==> flow/design.v <==
module mul_core_rtl #(
   parameter WIDTH = 5
) (
   input  wire clk,
   input  wire rst_i,
   input  wire [WIDTH-1:0] A,
   output reg [2*WIDTH-1:0] p
);
   reg [WIDTH-1:0] A_q;
   always @(posedge clk) begin
      if (rst_i) begin
         A_q <= 0;
         p <= 0;
      end else begin
         A_q <= A;
         p <= A_q * A_q;
      end
   end
endmodule
From RTL to reports: mul_core_rtl --
The steps from the RTL of mul_core_rtl to its reports follow in flow order. Line numbers count from 1 in the design file above. Operators: Yosys type, input widths -> output width; for muxes data width and select width s. Cell names lack the library's common part. Not given: --
Design: design top mul_core_rtl, clock port clk, library sky130hd, timing corner tt_025C_1v80

Word level --
Source: Yosys, flattened and elaborated, memories not mapped. Widths are those after wreduce; folded enables and synchronous resets count as part of the registers. Registers that Yosys merges into a memory's read port (data or address) are not register bits. Print and check cells do not count. Equal cells are merged and count once.
Storage and ports: register bits after elaboration 15, elaborated cells 3
Cells by class: multipliers 1
Operators by type and width (number):
- $mul 5x5->10 | 1

Logic depth --
Yosys ltp: most cells in a row. Word level: on the elaborated netlist, between registers, memories and ports. Mapped: between sequential cells and ports; inverters and the memories' decode and read muxes count.
Logic depth: word-level depth 1, ABC_AREA 0, depth in mapped cells 12, gate-level depth less buffers 11

After synthesis --
Source: synth_stat.txt of the flow (Yosys; design flattened, memories mapped). It holds for the ABC_AREA given above (unset counts as 0); a run with the other value may have another netlist. Totals and module areas in this step are rounded.
Mapped netlist: standard cells after synthesis 98, cell area after synthesis 893 µm², sequential part of the area 280 µm², mapped flip-flops 14
Cells by type:
- dfxtp_1 | number 14, total area 280.269 µm²
- ha_1 | number 10, total area 125.12 µm²
- nor2b_1 | number 10, total area 62.56 µm²
- fa_1 | number 3, total area 60.058 µm²
- nand2_1 | number 9, total area 33.782 µm²
- nor2_1 | number 8, total area 30.029 µm²
- and2_1 | number 4, total area 25.024 µm²
- inv_1 | number 6, total area 22.522 µm²
- nor3b_1 | number 3, total area 22.522 µm²
- a21oi_1 | number 4, total area 20.019 µm²
- xnor2_1 | number 2, total area 17.517 µm²
- a211oi_1 | number 2, total area 15.014 µm²
- and2_2 | number 2, total area 15.014 µm²
- o21ai_0 | number 3, total area 15.014 µm²
- nand4_2 | number 1, total area 12.512 µm²
- o211ai_2 | number 1, total area 12.512 µm²
- buf_6 | number 1, total area 11.261 µm²
- mux2_1 | number 1, total area 11.261 µm²
Not listed: further types 14, cells in them 14.

Timing after synthesis --
Path of least setup slack by OpenSTA after synthesis, without wires, with an ideal clock, recovery checks aside; 20% of the period is set as input and as output delay. Where synthesis merged equal registers, the netlist keeps one of their names.
Path post-synthesis: path type register -> register, start reg A_q[0], end reg p[7], period 3.69 ns, time at the first pin 0.000 ns, arrival time 2.825 ns, setup slack 0.742 ns, path delay 2.948 ns, driving pins on the path 12, synthesis period reached 2.948 ns
"path delay" is the arrival time less input delay plus setup time. "driving pins on the path" counts driving pins, that of a launching flip-flop among them; a cell with two outputs on the path counts twice. "synthesis period reached" is the clock period less the worst setup slack; recovery checks do not enter. This is arithmetic on one report: input and output delays are still those of the set period (20% each). The rows between start and end are the longest chain of elaborated cells between them; the timing report does not say that the signal goes this way. Where chains are equally long, one stands for them. A line is the first line of the expression or statement that the cell stems from. Yosys adds cells for indexed reads and writes and turns some case tables into memories.
Between the ends, post-synthesis: path through dfxtp_1 > buf_2 > nand2_1 > fa_1 > inv_1 > fa_1 > ha_1 > a31o_2 > ha_1 > nand2_1 > o21ai_2 > mux2_1, cells in the longest elaborated chain 1
RTL lines, path post-synthesis:
- from (decl) | line 9 | reg [WIDTH-1:0] A_q;
- from (assign) | line 12 | A_q <= 0;
- from (assign) | line 15 | A_q <= A;
- $mul 5x5->10 | line 16 | p <= A_q * A_q;
- to (assign) | line 13 | p <= 0;
- to (assign) | line 16
- to (decl) | line 7 | output reg [2*WIDTH-1:0] p

Worst path after layout --
Path of least setup slack in the final report of run 1 (OpenROAD, finished layout, wires in). Where an end is a register, its clock arrival counts in the times.
Path after layout: path type register -> register, start reg A_q[4], end reg p[9], period 4.44 ns, time at the first pin 0.30 ns, arrival time 3.30 ns, setup slack 1.32 ns, driving pins on the path 11
The rows between start and end are the longest chain of elaborated cells between them; the timing report does not say that the signal goes this way. Where chains are equally long, one stands for them.
Between the ends, after layout: path through dfxtp_4 > nand2_1 > fa_1 > inv_1 > fa_1 > ha_1 > a31o_2 > ha_4 > a21oi_2 > o21ai_1 > o31ai_1, cells in the longest elaborated chain 1
RTL lines, path after layout:
- from (decl) | line 9 | reg [WIDTH-1:0] A_q;
- from (assign) | line 12 | A_q <= 0;
- from (assign) | line 15 | A_q <= A;
- $mul 5x5->10 | line 16 | p <= A_q * A_q;
- to (assign) | line 13 | p <= 0;
- to (assign) | line 16
- to (decl) | line 7 | output reg [2*WIDTH-1:0] p

--- measured runs ---
Top module mul_core_rtl; platform sky130hd; tools Yosys and OpenROAD; 3 stored runs in no particular order. Input and output delays are each 20% of the period that was set; the output load is 0.01 pF.
"period reached" means the clock period less the worst setup slack. The figure is calculated, with input and output delays left at 20% of the set period.
"worst setup path time" means the part of the period allowed to the worst setup path (the constraints hold back 20% at inputs and 20% at outputs) less its slack; where the path has registers, the arrival times of their clocks count too.
"total power after layout" rests on the timing tool's default activity at the inputs, not on a simulated workload.
Values from the reports are rounded here.

* Run 1 | settings: period_ns 4.44; CORE_UTILIZATION 37; SETUP_SLACK_MARGIN 1.21; PLACE_DENSITY_LB_ADDON 0.16; CELL_PAD_IN_SITES_DETAIL_PLACEMENT 2; CTS_CLUSTER_DIAMETER 317; CAP_MARGIN 15; CORE_MARGIN 2; SLEW_MARGIN 20 | results: summed negative setup slack 0.000 ns; worst setup path time 3.12 ns; kind of the worst setup path register -> register; worst hold slack in the final report 0.483 ns; final utilization 0.514; area of the synthesized netlist 893 µm²; setup slack of the worst path 1.32 ns; die area 2,820 µm²; total power after layout 0.283 mW; area of the standard cells in the finished layout 1,160 µm²; period reached 3.119 ns
* Run 2 | settings: period_ns 5.64; CORE_UTILIZATION 33; PLACE_DENSITY_LB_ADDON 0.03; CORE_ASPECT_RATIO 1.7; CELL_PAD_IN_SITES_DETAIL_PLACEMENT 2; ABC_AREA 0; CTS_CLUSTER_DIAMETER 353; MIN_ROUTING_LAYER met1; MAX_ROUTING_LAYER met4; CAP_MARGIN 20; CORE_MARGIN 2; SLEW_MARGIN 20 | results: summed negative setup slack 0.000 ns; worst setup path time 3.21 ns; kind of the worst setup path register -> register; worst hold slack in the final report 0.591 ns; final utilization 0.427; area of the synthesized netlist 893 µm²; setup slack of the worst path 2.43 ns; die area 3,150 µm²; total power after layout 0.243 mW; area of the standard cells in the finished layout 1,100 µm²; period reached 3.209 ns
* Run 3 | settings: period_ns 3.69; CAP_MARGIN 20; CORE_MARGIN 2; CORE_UTILIZATION 40; SLEW_MARGIN 20 | results: summed negative setup slack 0.000 ns; worst setup path time 3.10 ns; kind of the worst setup path register -> register; worst hold slack in the final report 0.591 ns; final utilization 0.501; area of the synthesized netlist 893 µm²; setup slack of the worst path 0.587 ns; die area 2,630 µm²; total power after layout 0.322 mW; area of the standard cells in the finished layout 1,090 µm²; period reached 3.103 ns
--- end ---
